==> flow/design.v <==
module sync_as_core #(
    parameter NBITS = 8
) (
    input wire aclk,
    input wire rst_n,
    input wire [NBITS-1:0] dataa,
    input wire [NBITS-1:0] datab,
    output reg [NBITS-1:0] q,
    output reg under
);
    reg [NBITS-1:0] dataa_reg;
    reg [NBITS-1:0] datab_reg;
    wire [NBITS:0] work = {1'b0, dataa_reg} - {1'b0, datab_reg};
    always @(posedge aclk or negedge rst_n) begin
        if (~rst_n) begin
            dataa_reg <= 0;
            datab_reg <= 0;
            q <= 0;
            under <= 1'b0;
        end else begin
            dataa_reg <= dataa;
            datab_reg <= datab;
            q <= work[NBITS-1:0];
            under <= work[NBITS];
        end
    end
endmodule
### Step by step through the tools: sync_as_core

What the tools print for sync_as_core, step after step.
Line numbers count from 1 in the design file above.
Library cell names are shortened.
Not given: n/a

* top module: sync_as_core
* clock input: aclk
* cell library: sky130hd
* library corner: tt_025C_1v80

### Elaborated design

Source: Yosys, flattened and elaborated, memories not mapped. Widths are those after wreduce; folded enables and synchronous resets count as part of the registers. Registers that Yosys merges into a memory's read port (data or address) are not register bits. Print and check cells do not count. Equal cells are merged and count once.

* register bits after elaboration: 25
* input port bits: 18

* $add $sub $neg: 1

Operators by type and width (number)
* 8-bit by 8-bit subtractor with 9-bit output: 1

### Logic depth

Longest topological path by Yosys (ltp), each cell counted once; first at word level (registers and memories cut), then after technology mapping (sequential cells cut; the memories' decode and read muxes count).

* word-level depth: 1
* ABC_AREA: 0
* gate-level depth with buffers: 8

### After synthesis

Yosys stat after the flow's synthesis: flattened, memories mapped to cells. It holds for the ABC_AREA given above (unset counts as 0); a run with the other value may have another netlist.

Cell types
* dfrtp_1: number 25, total area 625.6 um^2
* ha_1: number 8, total area 100.096 um^2
* inv_1: number 12, total area 45.043 um^2
* xnor2_1: number 4, total area 35.034 um^2
* o21a_1: number 3, total area 22.522 um^2
* fa_1: number 1, total area 20.019 um^2
* nor2_1: number 5, total area 18.768 um^2
* nor2b_4: number 1, total area 13.763 um^2
* a21boi_2: number 1, total area 11.261 um^2
* a21oi_2: number 1, total area 8.758 um^2
* o21ai_2: number 1, total area 8.758 um^2
* o2bb2ai_1: number 1, total area 8.758 um^2
* o31a_1: number 1, total area 8.758 um^2
* a21boi_1: number 1, total area 7.507 um^2
* o211ai_1: number 1, total area 7.507 um^2
* nor2b_1: number 1, total area 6.256 um^2
* o22ai_1: number 1, total area 6.256 um^2
* or3_1: number 1, total area 6.256 um^2

Other cell types: 4; their cells: 4.

* cell count: 73
* mapped area: 979.7 um^2
* flip-flops: 25

### Timing after synthesis

OpenSTA on the mapped netlist: ideal clock, no wires. The path of least setup slack (recovery checks aside). Input and output delay are each 20% of the period. Register names are those of the netlist, which keeps one name where synthesis merged equal registers.

* path type: reg-to-reg
* start: register dataa_reg[0]
* end: register under
* period: 2.07 ns
* launch time at the first pin: 0.000 ns
* arrival: 1.536 ns
* data required time: 1.949 ns
* path slack: 0.413 ns
* delay of the path: 1.657 ns
* stages on the path: 9
* path buffers: 0
* synthesis period reached: 1.657 ns

"delay of the path" is the arrival time less input delay plus setup time.
"stages on the path" counts driving pins, that of a launching flip-flop among them; a cell with two outputs on the path counts twice.
"synthesis period reached" is the clock period less the worst setup slack; recovery checks do not enter. This is arithmetic on one report: input and output delays are still those of the set period (20% each).
The rows between start and end are the longest chain of elaborated cells between them; the timing report does not say that the signal goes this way. Where chains are equally long, one stands for them.
Each line given opens the expression or statement behind the cell; cells for indexed reads and writes are added by Yosys, which also makes memories of some case tables.

* cell sequence: dfrtp_1 inv_1 ha_1 fa_1 nor2b_4 o21ai_2 a21boi_2 o21ai_1 o2bb2ai_1
* length of the longest elaborated chain: 1
* elaborated cells between the ends (all ways): 1
* classes of those cells: add/sub (1)

RTL lines, path after synthesis
* start: declaration: line 11 `reg [NBITS-1:0] dataa_reg;`
* start: assignment: line 16 `dataa_reg <= 0;`
* start: assignment: line 21 `dataa_reg <= dataa;`
* 8-bit by 8-bit subtractor with 9-bit output: line 13 `wire [NBITS:0] work = {1'b0, dataa_reg} - {1'b0, datab_reg};`
* end: assignment: line 19 `under <= 1'b0;`
* end: assignment: line 24 `under <= work[NBITS];`
* end: declaration: line 9 `output reg under`

### Worst path after layout

From the final timing report of run 1: the path of least setup slack in the routed layout; clock arrival at registers is part of the times.

* path type: reg-to-reg
* start: register dataa_reg[0]
* end: register q[6]
* period: 1.43 ns
* launch time at the first pin: 0.27 ns
* arrival: 1.82 ns
* data required time: 1.58 ns
* path slack: -0.24 ns
* stages on the path: 9
* path buffers: 0

The rows between start and end are the longest chain of elaborated cells between them; the timing report does not say that the signal goes this way. Where chains are equally long, one stands for them.

* cell sequence: dfrtp_1 inv_1 ha_2 fa_2 nor2b_4 o21ai_2 a21boi_2 o31a_1 a21oi_2
* length of the longest elaborated chain: 1
* elaborated cells between the ends (all ways): 1
* classes of those cells: add/sub (1)

RTL lines, path after layout
* start: declaration: line 11 `reg [NBITS-1:0] dataa_reg;`
* start: assignment: line 16 `dataa_reg <= 0;`
* start: assignment: line 21 `dataa_reg <= dataa;`
* 8-bit by 8-bit subtractor with 9-bit output: line 13 `wire [NBITS:0] work = {1'b0, dataa_reg} - {1'b0, datab_reg};`
* end: assignment: line 18 `q <= 0;`
* end: assignment: line 23 `q <= work[NBITS-1:0];`
* end: declaration: line 8 `output reg [NBITS-1:0] q,`

Memo
Re: implementation data of sync_as_core

Below are 3 stored runs of the flow (Yosys, OpenROAD; platform sky130hd) on sync_as_core, each with its settings and what was measured, unordered. Constraints: input delay and output delay 20% of the set period each, output load 0.01 pF.
"achieved period" means the clock period less the worst setup slack. The figure is calculated, with input and output delays left at 20% of the set period.
"worst setup path time": the worst setup path's part of the clock period (all of it between registers, 20% less for each end at a port) less its slack. A launch clock that arrives late makes it longer, a capture clock that arrives late makes it shorter.
By "total power of the final layout" is meant OpenSTA's value without simulated activity: inputs other than the clock are taken to toggle once in ten clock periods, and the tool carries that through the logic.

### Run 1

Settings: `period_ns=1.43`, `CORE_UTILIZATION=44`, `SETUP_SLACK_MARGIN=-0.05`, `PLACE_DENSITY_LB_ADDON=0.09`, `CORE_ASPECT_RATIO=0.53`, `GPL_TIMING_DRIVEN=0`, `GPL_ROUTABILITY_DRIVEN=0`, `CAP_MARGIN=20`, `SLEW_MARGIN=30`, `CORE_MARGIN=2`

- Die area: 2639.1 um^2
- Utilization after layout: 64.5%
- Area of the synthesized netlist: 979.7 um^2
- Setup TNS: -0.804 ns
- Achieved period: 1.670 ns
- Setup slack of the worst path: -0.240 ns
- Standard-cell area of the final layout: 1355.0 um^2
- Total power of the final layout: 1.525 mW
- Worst setup path time: 1.67 ns
- Worst setup path kind: reg-to-reg

### Run 2

Settings: `period_ns=2.07`, `CAP_MARGIN=20`, `CORE_MARGIN=2`, `CORE_UTILIZATION=40`, `SLEW_MARGIN=20`

- Die area: 2861.2 um^2
- Utilization after layout: 58.0%
- Area of the synthesized netlist: 979.7 um^2
- Setup TNS: 0.000 ns
- Achieved period: 1.777 ns
- Setup slack of the worst path: 0.293 ns
- Standard-cell area of the final layout: 1308.8 um^2
- Total power of the final layout: 0.9624 mW
- Worst setup path time: 1.78 ns
- Worst setup path kind: reg-to-reg

### Run 3

Settings: `period_ns=1.13`, `CORE_UTILIZATION=16`, `PLACE_DENSITY_LB_ADDON=0.04`, `CORE_ASPECT_RATIO=1.4`, `CELL_PAD_IN_SITES_DETAIL_PLACEMENT=2`, `TNS_END_PERCENT=90`, `ABC_AREA=1`, `GPL_TIMING_DRIVEN=1`, `CTS_CLUSTER_SIZE=75`, `MIN_ROUTING_LAYER=met2`, `CAP_MARGIN=20`, `CORE_MARGIN=2`, `SLEW_MARGIN=20`

- Die area: 7152.0 um^2
- Utilization after layout: 25.0%
- Area of the synthesized netlist: 1037.2 um^2
- Setup TNS: -1.405 ns
- Achieved period: 1.363 ns
- Setup slack of the worst path: -0.233 ns
- Standard-cell area of the final layout: 1561.5 um^2
- Total power of the final layout: 2.026 mW
- Worst setup path time: 1.36 ns
- Worst setup path kind: reg-to-reg
